==> flow/design.v <==
module sh_core_v2 #(
    parameter NBITS = 14,
    parameter SEL_W = $clog2(NBITS)
) (
    input logic clk_i,
    input logic rst_ni,
    input logic clk_en,
    input logic [NBITS-1:0] ch,
    input logic [SEL_W-1:0] shamt,
    output logic [NBITS-1:0] data_out
);
    always_ff @(posedge clk_i) begin
        if (~rst_ni) begin
            data_out <= 0;
        end else if (clk_en) begin
            data_out <= (ch << shamt) | (ch >> (NBITS - shamt));
        end
    end
endmodule
Tool chain data of sh_core_v2. What the tools print for sh_core_v2, step after step. Lines are those of the file above, counted from 1. Cell names lack the library's common part. A cell with n/a has no value.

Design top: sh_core_v2. Clock input: clk_i. Standard-cell library: sky130hd. Timing corner: tt_025C_1v80.

Elaborated design. Counts by Yosys on the flattened word-level netlist (proc, flatten, opt, wreduce; memories kept). Register bits leave out memories and registers merged into their read ports (data or address); mux counts leave out enables and synchronous resets folded into registers. Print and check cells are left out. Cells with the same type and inputs are merged into one.

For register bits the number is 14. The entry for bits of input ports reads 21. Under output and inout bits stands 14. Elaborated cells: 5.

The figure for $add $sub $neg is 1. The entry for shift operators reads 2. Bitwise operators: 1.

Operators with widths (count): 14-bit by 32-bit right shift with 14-bit output (1); 14-bit OR (1); 14-bit by 4-bit << shifter with 14-bit output (1); 4-bit by 4-bit subtractor with 5-bit output (first input constant) (1).

Depth. Longest topological path by Yosys (ltp), each cell counted once; first at word level (registers and memories cut), then after technology mapping (sequential cells cut; the memories' decode and read muxes count).

Under depth after elaboration stands 3. Under ABC_AREA stands 0. Under depth in mapped cells stands 8. For depth with buffers taken out the number is 6.

Netlist. Yosys stat after the flow's synthesis: flattened, memories mapped to cells. It holds for the ABC_AREA given above (unset counts as 0); a run with the other value may have another netlist. Totals and module areas in this step are rounded.

Cells in the netlist: 238. The entry for mapped area reads 1960 um^2. The figure for area of sequential cells is 280 um^2. Under flip-flops stands 14. The entry for buffer cells reads 23.

Cells by type: dfxtp_1 (count 14, total area 280.269 um^2); mux2i_1 (count 21, total area 210.202 um^2); clkbuf_8 (count 9, total area 123.869 um^2); mux2_2 (count 11, total area 123.869 um^2); mux4_1 (count 4, total area 105.101 um^2); o21ai_0 (count 21, total area 105.101 um^2); nand2_1 (count 27, total area 101.347 um^2); mux4_2 (count 4, total area 90.086 um^2); a21oi_1 (count 15, total area 75.072 um^2); a31oi_1 (count 9, total area 56.304 um^2); nor2_1 (count 13, total area 48.797 um^2); nand3_1 (count 8, total area 40.038 um^2); a211o_1 (count 3, total area 26.275 um^2); o32ai_1 (count 3, total area 26.275 um^2); nor2b_1 (count 4, total area 25.024 um^2); nor3_1 (count 5, total area 25.024 um^2); a211oi_1 (count 3, total area 22.522 um^2); buf_4 (count 3, total area 22.522 um^2).

Other cell types: 38; their cells: 61.

Worst setup path after synthesis. OpenSTA on the mapped netlist: ideal clock, no wires. The path of least setup slack (recovery checks aside). Input and output delay are each 20% of the period. Register names are those of the netlist, which keeps one name where synthesis merged equal registers.

Path kind: in2reg. From: input port shamt[0]. To: register data_out[7]. Clock period: 2.61 ns. Input delay: 0.522 ns. Setup time: 0.131 ns. Under launch time at the first pin stands 0.522 ns. For arrival the number is 2.064 ns. Data required time: 2.479 ns. The figure for path slack is 0.415 ns. The figure for path delay is 1.673 ns. For stages on the path the number is 6. Under path buffers stands 1. The figure for period reached after synthesis is 2.195 ns.

"path delay" is the arrival time less input delay plus setup time. "stages on the path" counts driving pins, that of a launching flip-flop among them; a cell with two outputs on the path counts twice. "period reached after synthesis" is the clock period less the worst setup slack; recovery checks do not enter. This is arithmetic on one report: input and output delays are still those of the set period (20% each). Between the ends stands the longest chain of elaborated cells between them, by number of cells; it is not shown to be the way that was timed. Of several equally long chains one is given. A line is the first line of the expression or statement that the cell stems from. Yosys adds cells for indexed reads and writes and turns some case tables into memories.

Cells stage by stage: ha_1 > buf_4 > mux4_2 > mux2_2 > a222oi_1 > a31oi_1. Length of the longest elaborated chain: 3. Elaborated cells on any way between the ends: 4. Under source lines of those cells stands 1. Classes of those cells: add/sub: 1; shift: 2; logic: 1.

Ends and longest elaborated chain, post-synthesis: start: declaration (RTL line 9) `input logic [SEL_W-1:0] shamt,`; 4-bit by 4-bit subtractor with 5-bit output (RTL line 16) `data_out <= (ch << shamt) | (ch >> (NBITS - shamt));`; 14-bit by 32-bit right shift with 14-bit output (RTL line 16); 14-bit OR (RTL line 16); end: assignment (RTL line 14) `data_out <= 0;`; end: assignment (RTL line 16); end: declaration (RTL line 10) `output logic [NBITS-1:0] data_out`.

Timing after layout. Path of least setup slack in the final report of run 1 (OpenROAD, finished layout, wires in). Where an end is a register, its clock arrival counts in the times.

Path kind: in2reg. From: input port ch[6]. To: register data_out[5]. Clock period: 2.12 ns. Input delay: 0.42 ns. Setup time: 0.05 ns. Under launch time at the first pin stands 0.42 ns. For arrival the number is 2.28 ns. Data required time: 2.32 ns. The figure for path slack is 0.04 ns. For stages on the path the number is 5. Under path buffers stands 1.

Cells stage by stage: clkdlybuf4s50_1 > mux2i_1 > or4b_2 > a41oi_1 > o21a_1.

Ends and longest elaborated chain, after layout: start: declaration (RTL line 8) `input logic [NBITS-1:0] ch,`; end: assignment (RTL line 14) `data_out <= 0;`; end: assignment (RTL line 16) `data_out <= (ch << shamt) | (ch >> (NBITS - shamt));`; end: declaration (RTL line 10) `output logic [NBITS-1:0] data_out`.

Chain of elaborated cells between the ends: none given.

Stored flow runs of sh_core_v2 (3 of them; Yosys, OpenROAD, sky130hd). They differ in their settings and are not a sequence. Constraints: input delay and output delay 20% of the set period each, output load 0.01 pF. "reached clock period" = clock period - worst setup slack. The figure is calculated, with input and output delays left at 20% of the set period. "allowed time less slack (worst setup path)" is the time allowed to the run's worst setup path (the clock period less input and output delay, where it has them) less its slack. Clock arrival times count: a late capture clock shortens it, a late launch clock lengthens it. "total power of the final layout" rests on the timing tool's default activity at the inputs, not on a simulated workload. Results are given in rounded form.

Run 1 has these settings: period_ns 2.12; CORE_UTILIZATION 18; PLACE_DENSITY_LB_ADDON 0.06; CORE_ASPECT_RATIO 1.84; CORE_MARGIN 2; CELL_PAD_IN_SITES_GLOBAL_PLACEMENT 1; TNS_END_PERCENT 55; GPL_TIMING_DRIVEN 0; GPL_ROUTABILITY_DRIVEN 0; CTS_CLUSTER_SIZE 96; CTS_CLUSTER_DIAMETER 260; CAP_MARGIN 40; SLEW_MARGIN 15. The area of the synthesized netlist is 1,960 um^2. For the die outline area the run shows 11,800 um^2. The standard-cell area after routing comes to 2,630 um^2. The lowest setup slack comes to 0.036 ns. The worst hold slack in the final report stands at 0.529 ns. The measured total power of the final layout is 1,320 µW. For the reached clock period the run shows 2.084 ns. The allowed time less slack (worst setup path) is 1.66 ns. Kind of the worst setup path: in2reg.

Run 2 has these settings: period_ns 3.65; CORE_UTILIZATION 17; SETUP_SLACK_MARGIN 0.24; PLACE_DENSITY_LB_ADDON 0.23; HOLD_SLACK_MARGIN -0.02; CELL_PAD_IN_SITES_DETAIL_PLACEMENT 0; ABC_AREA 1; CTS_CLUSTER_DIAMETER 272; SLEW_MARGIN 30; CAP_MARGIN 20; CORE_MARGIN 2. The area of the synthesized netlist is 1,640 um^2. For the die outline area the run shows 10,500 um^2. The standard-cell area after routing comes to 2,140 um^2. The lowest setup slack comes to 0.821 ns. The worst hold slack in the final report stands at 0.517 ns. The measured total power of the final layout is 574 µW. For the reached clock period the run shows 2.829 ns. The allowed time less slack (worst setup path) is 2.10 ns. Kind of the worst setup path: in2reg.

Run 3 has these settings: period_ns 2.61; CAP_MARGIN 20; CORE_MARGIN 2; CORE_UTILIZATION 40; SLEW_MARGIN 20. The area of the synthesized netlist is 1,960 um^2. For the die outline area the run shows 5,480 um^2. The standard-cell area after routing comes to 2,440 um^2. The lowest setup slack comes to 0.193 ns. The worst hold slack in the final report stands at 0.528 ns. The measured total power of the final layout is 922 µW. For the reached clock period the run shows 2.417 ns. The allowed time less slack (worst setup path) is 1.89 ns. Kind of the worst setup path: in2reg.
